==> flow/design.v <==
module u_adder_stage #(
    parameter BITS = 36,
    parameter G = 8
) (
    input  wire clock,
    input  wire i_rst,
    input  wire [BITS-1:0] din,
    input  wire load,
    output wire [BITS+G-1:0] q
);
    reg [BITS+G-1:0] accum;
    always @(posedge clock or posedge i_rst) begin
        if (i_rst) begin
            accum <= 0;
        end else begin
            accum <= load ? 0 : accum + din;
        end
    end
    assign q = accum;
endmodule
# Reports on u_adder_stage
# The steps from the RTL of u_adder_stage to its reports follow in flow order.
# Line numbers count from 1 in the design file above.
# Operators carry their Yosys type and port widths (W data, S select, Z words).
# Cell names lack the library's common part.
# The mark -- stands for no value.
dict set report design {
  top {u_adder_stage}
  clock_port {clock}
  library {sky130hd}
  pvt_corner {tt_025C_1v80}
}

# Elaborated design
# Yosys after proc, flatten, opt, wreduce and memory -nomap, before mapping. Enables and synchronous resets that opt folds into registers are not counted as muxes. Memory bits, and registers merged into a memory's read port (data or address), are not among the register bits. Print and check cells are not counted. Equal cells are merged and count once.
dict set report op_classes {
  n_addsub 1
  n_mux 1
}
# cell n
set ops {}
lappend ops {{$add A44 B36 Y44} 1}
lappend ops {{$mux W44} 1}
dict set report bits {
  regBits 44
  in_bits 39
  out_inout_bits 44
}

# Depth
# Longest topological path by Yosys (ltp), each cell counted once; first at word level (registers and memories cut), then after technology mapping (sequential cells cut; the memories' decode and read muxes count).
dict set report depth {
  ltp_word 2
  ABC_AREA 0
  mapped_depth 10
}

# Mapped cells and area
# Yosys stat after the flow's synthesis: flattened, memories mapped to cells. It holds for the ABC_AREA given above (unset counts as 0); a run with the other value may have another netlist.
# The area totals of this step are shown rounded.
# cell_type n area_total_um2
set types {}
lappend types {dfrtp_1 44 1.1E+03}
lappend types {ha_1 36 450.432}
lappend types {nor2_1 53 198.941}
lappend types {a21oi_1 37 185.178}
lappend types {xnor2_1 18 157.651}
lappend types {a21o_1 19 142.637}
lappend types {xor2_1 14 122.618}
lappend types {nand2_1 28 105.101}
lappend types {o21ai_0 14 70.067}
lappend types {mux2_1 6 67.565}
lappend types {nor2b_1 10 62.56}
lappend types {inv_1 14 52.55}
lappend types {o21bai_1 7 52.55}
lappend types {and3_1 8 50.048}
lappend types {nand4_1 7 43.792}
lappend types {a31oi_4 2 42.541}
lappend types {nor3_1 8 40.038}
lappend types {a31oi_1 6 37.536}
# Other cell types: 48; their cells: 79.
dict set report synth_totals {
  mapped_cells 410
  area_um2 3650
  ffs 44
}

# Path before layout
# Path of least setup slack by OpenSTA after synthesis, without wires, with an ideal clock, recovery checks aside; 20% of the period is set as input and as output delay. Where synthesis merged equal registers, the netlist keeps one of their names.
dict set report synth_timing {
  path_type {input to register}
  start {in din[0]}
  end {reg accum[24]}
  period_ns 3.7
  in_delay_ns 0.740
  arrival_time_ns 2.981
  t_required_ns 3.572
  path_slack_ns 0.592
  delay_ns 2.369
  path_stages 10
  n_path_buf 0
  synth_period_reached_ns 3.108
}
# "delay_ns" = arrival - input delay + setup time.
# "path_stages" counts driving pins, that of a launching flip-flop among them; a cell with two outputs on the path counts twice.
# "synth_period_reached_ns" is the clock period less the worst setup slack; recovery checks do not enter. This is arithmetic on one report: input and output delays are still those of the set period (20% each).
# The rows between start and end are the longest chain of elaborated cells between them; the timing report does not say that the signal goes this way. Where chains are equally long, one stands for them.
# Each line given opens the expression or statement behind the cell; cells for indexed reads and writes are added by Yosys, which also makes memories of some case tables.
dict set report synth_via {
  cell_sequence {ha_1 fa_1 a21o_1 a221oi_4 o31ai_4 nor2_2 o21ai_2 a31o_2 a31oi_1 mux2_1}
  elab_chain_len 2
}
# element line
set synth_rtl {}
lappend synth_rtl {{start: declaration} 7} ;# input  wire [BITS-1:0] din,
lappend synth_rtl {{$add A44 B36 Y44} 16} ;# accum <= load ? 0 : accum + din;
lappend synth_rtl {{$mux W44} 16}
lappend synth_rtl {{end: assignment} 14} ;# accum <= 0;
lappend synth_rtl {{end: assignment} 16}
lappend synth_rtl {{end: declaration} 11} ;# reg [BITS+G-1:0] accum;

# Timing after layout
# Path of least setup slack in the final report of run 1 (OpenROAD, finished layout, wires in). Where an end is a register, its clock arrival counts in the times.
dict set report layout_timing {
  path_type {input to register}
  start {in din[28]}
  end {reg accum[43]}
  period_ns 3.15
  in_delay_ns 0.63
  arrival_time_ns 2.98
  t_required_ns 3.39
  path_slack_ns 0.41
  path_stages 10
  n_path_buf 1
}
# The rows between start and end are the longest chain of elaborated cells between them; the timing report does not say that the signal goes this way. Where chains are equally long, one stands for them.
dict set report layout_via {
  cell_sequence {clkdlybuf4s50_1 ha_1 a21o_1 a21o_1 a21o_1 a221o_1 a21oi_2 nor3b_2 or4b_1 nand2_1}
  elab_chain_len 2
}
# element line
set layout_rtl {}
lappend layout_rtl {{start: declaration} 7} ;# input  wire [BITS-1:0] din,
lappend layout_rtl {{$add A44 B36 Y44} 16} ;# accum <= load ? 0 : accum + din;
lappend layout_rtl {{$mux W44} 16}
lappend layout_rtl {{end: assignment} 14} ;# accum <= 0;
lappend layout_rtl {{end: assignment} 16}
lappend layout_rtl {{end: declaration} 11} ;# reg [BITS+G-1:0] accum;

# Record of 3 stored runs of the RTL-to-layout flow on u_adder_stage, platform sky130hd. The runs are unordered. Constraints: input delay and output delay 20% of the set period each, output load 0.01 pF.
# "period_reached_ns" means the clock period less the worst setup slack. The figure is calculated, with input and output delays left at 20% of the set period.
# "critical_path_time_ns" is the time allowed to the run's worst setup path (the clock period less input and output delay, where it has them) less its slack. Clock arrival times count: a late capture clock shortens it, a late launch clock lengthens it.
# "totalPower_w" is the tool's figure for a default switching activity; nothing was simulated.
# Values from the reports are rounded here.
run="run 1" settings period_ns=3.15 CORE_UTILIZATION=30 SETUP_SLACK_MARGIN=0.45 PLACE_DENSITY_LB_ADDON=0.15 CELL_PAD_IN_SITES_GLOBAL_PLACEMENT=0 CELL_PAD_IN_SITES_DETAIL_PLACEMENT=0 TNS_END_PERCENT=15 GPL_TIMING_DRIVEN=1 CAP_MARGIN=20 CORE_MARGIN=2 SLEW_MARGIN=20
run="run 1" results tns_setup_ns=0.000 critical_path_time_ns=2.11 worstPathKind="input to register" period_reached_ns=2.740 ws_hold_ns=0.570 totalPower_w=0.00583 design_die_area_um2=13100 layout_utilization_pct=49.5 setup_ws_ns=0.410 cell_area_final_um2=5920 yosys_chip_area_um2=3650
run="run 2" settings period_ns=3.1 CORE_UTILIZATION=23 SETUP_SLACK_MARGIN=-0.11 PLACE_DENSITY=0.58 CORE_ASPECT_RATIO=0.65 CORE_MARGIN=2 CELL_PAD_IN_SITES_GLOBAL_PLACEMENT=1 CELL_PAD_IN_SITES_DETAIL_PLACEMENT=1 TNS_END_PERCENT=20 ABC_AREA=0 CTS_CLUSTER_DIAMETER=46 CAP_MARGIN=20 SLEW_MARGIN=20
run="run 2" results tns_setup_ns=-0.045 critical_path_time_ns=2.51 worstPathKind="input to register" period_reached_ns=3.130 ws_hold_ns=0.554 totalPower_w=0.00554 design_die_area_um2=16900 layout_utilization_pct=35.2 setup_ws_ns=-0.030 cell_area_final_um2=5520 yosys_chip_area_um2=3650
run="run 3" settings period_ns=3.7 CAP_MARGIN=20 CORE_MARGIN=2 CORE_UTILIZATION=40 SLEW_MARGIN=20
run="run 3" results tns_setup_ns=0.000 critical_path_time_ns=2.61 worstPathKind="input to register" period_reached_ns=3.348 ws_hold_ns=0.583 totalPower_w=0.00376 design_die_area_um2=9920 layout_utilization_pct=53.5 setup_ws_ns=0.352 cell_area_final_um2=4710 yosys_chip_area_um2=3650
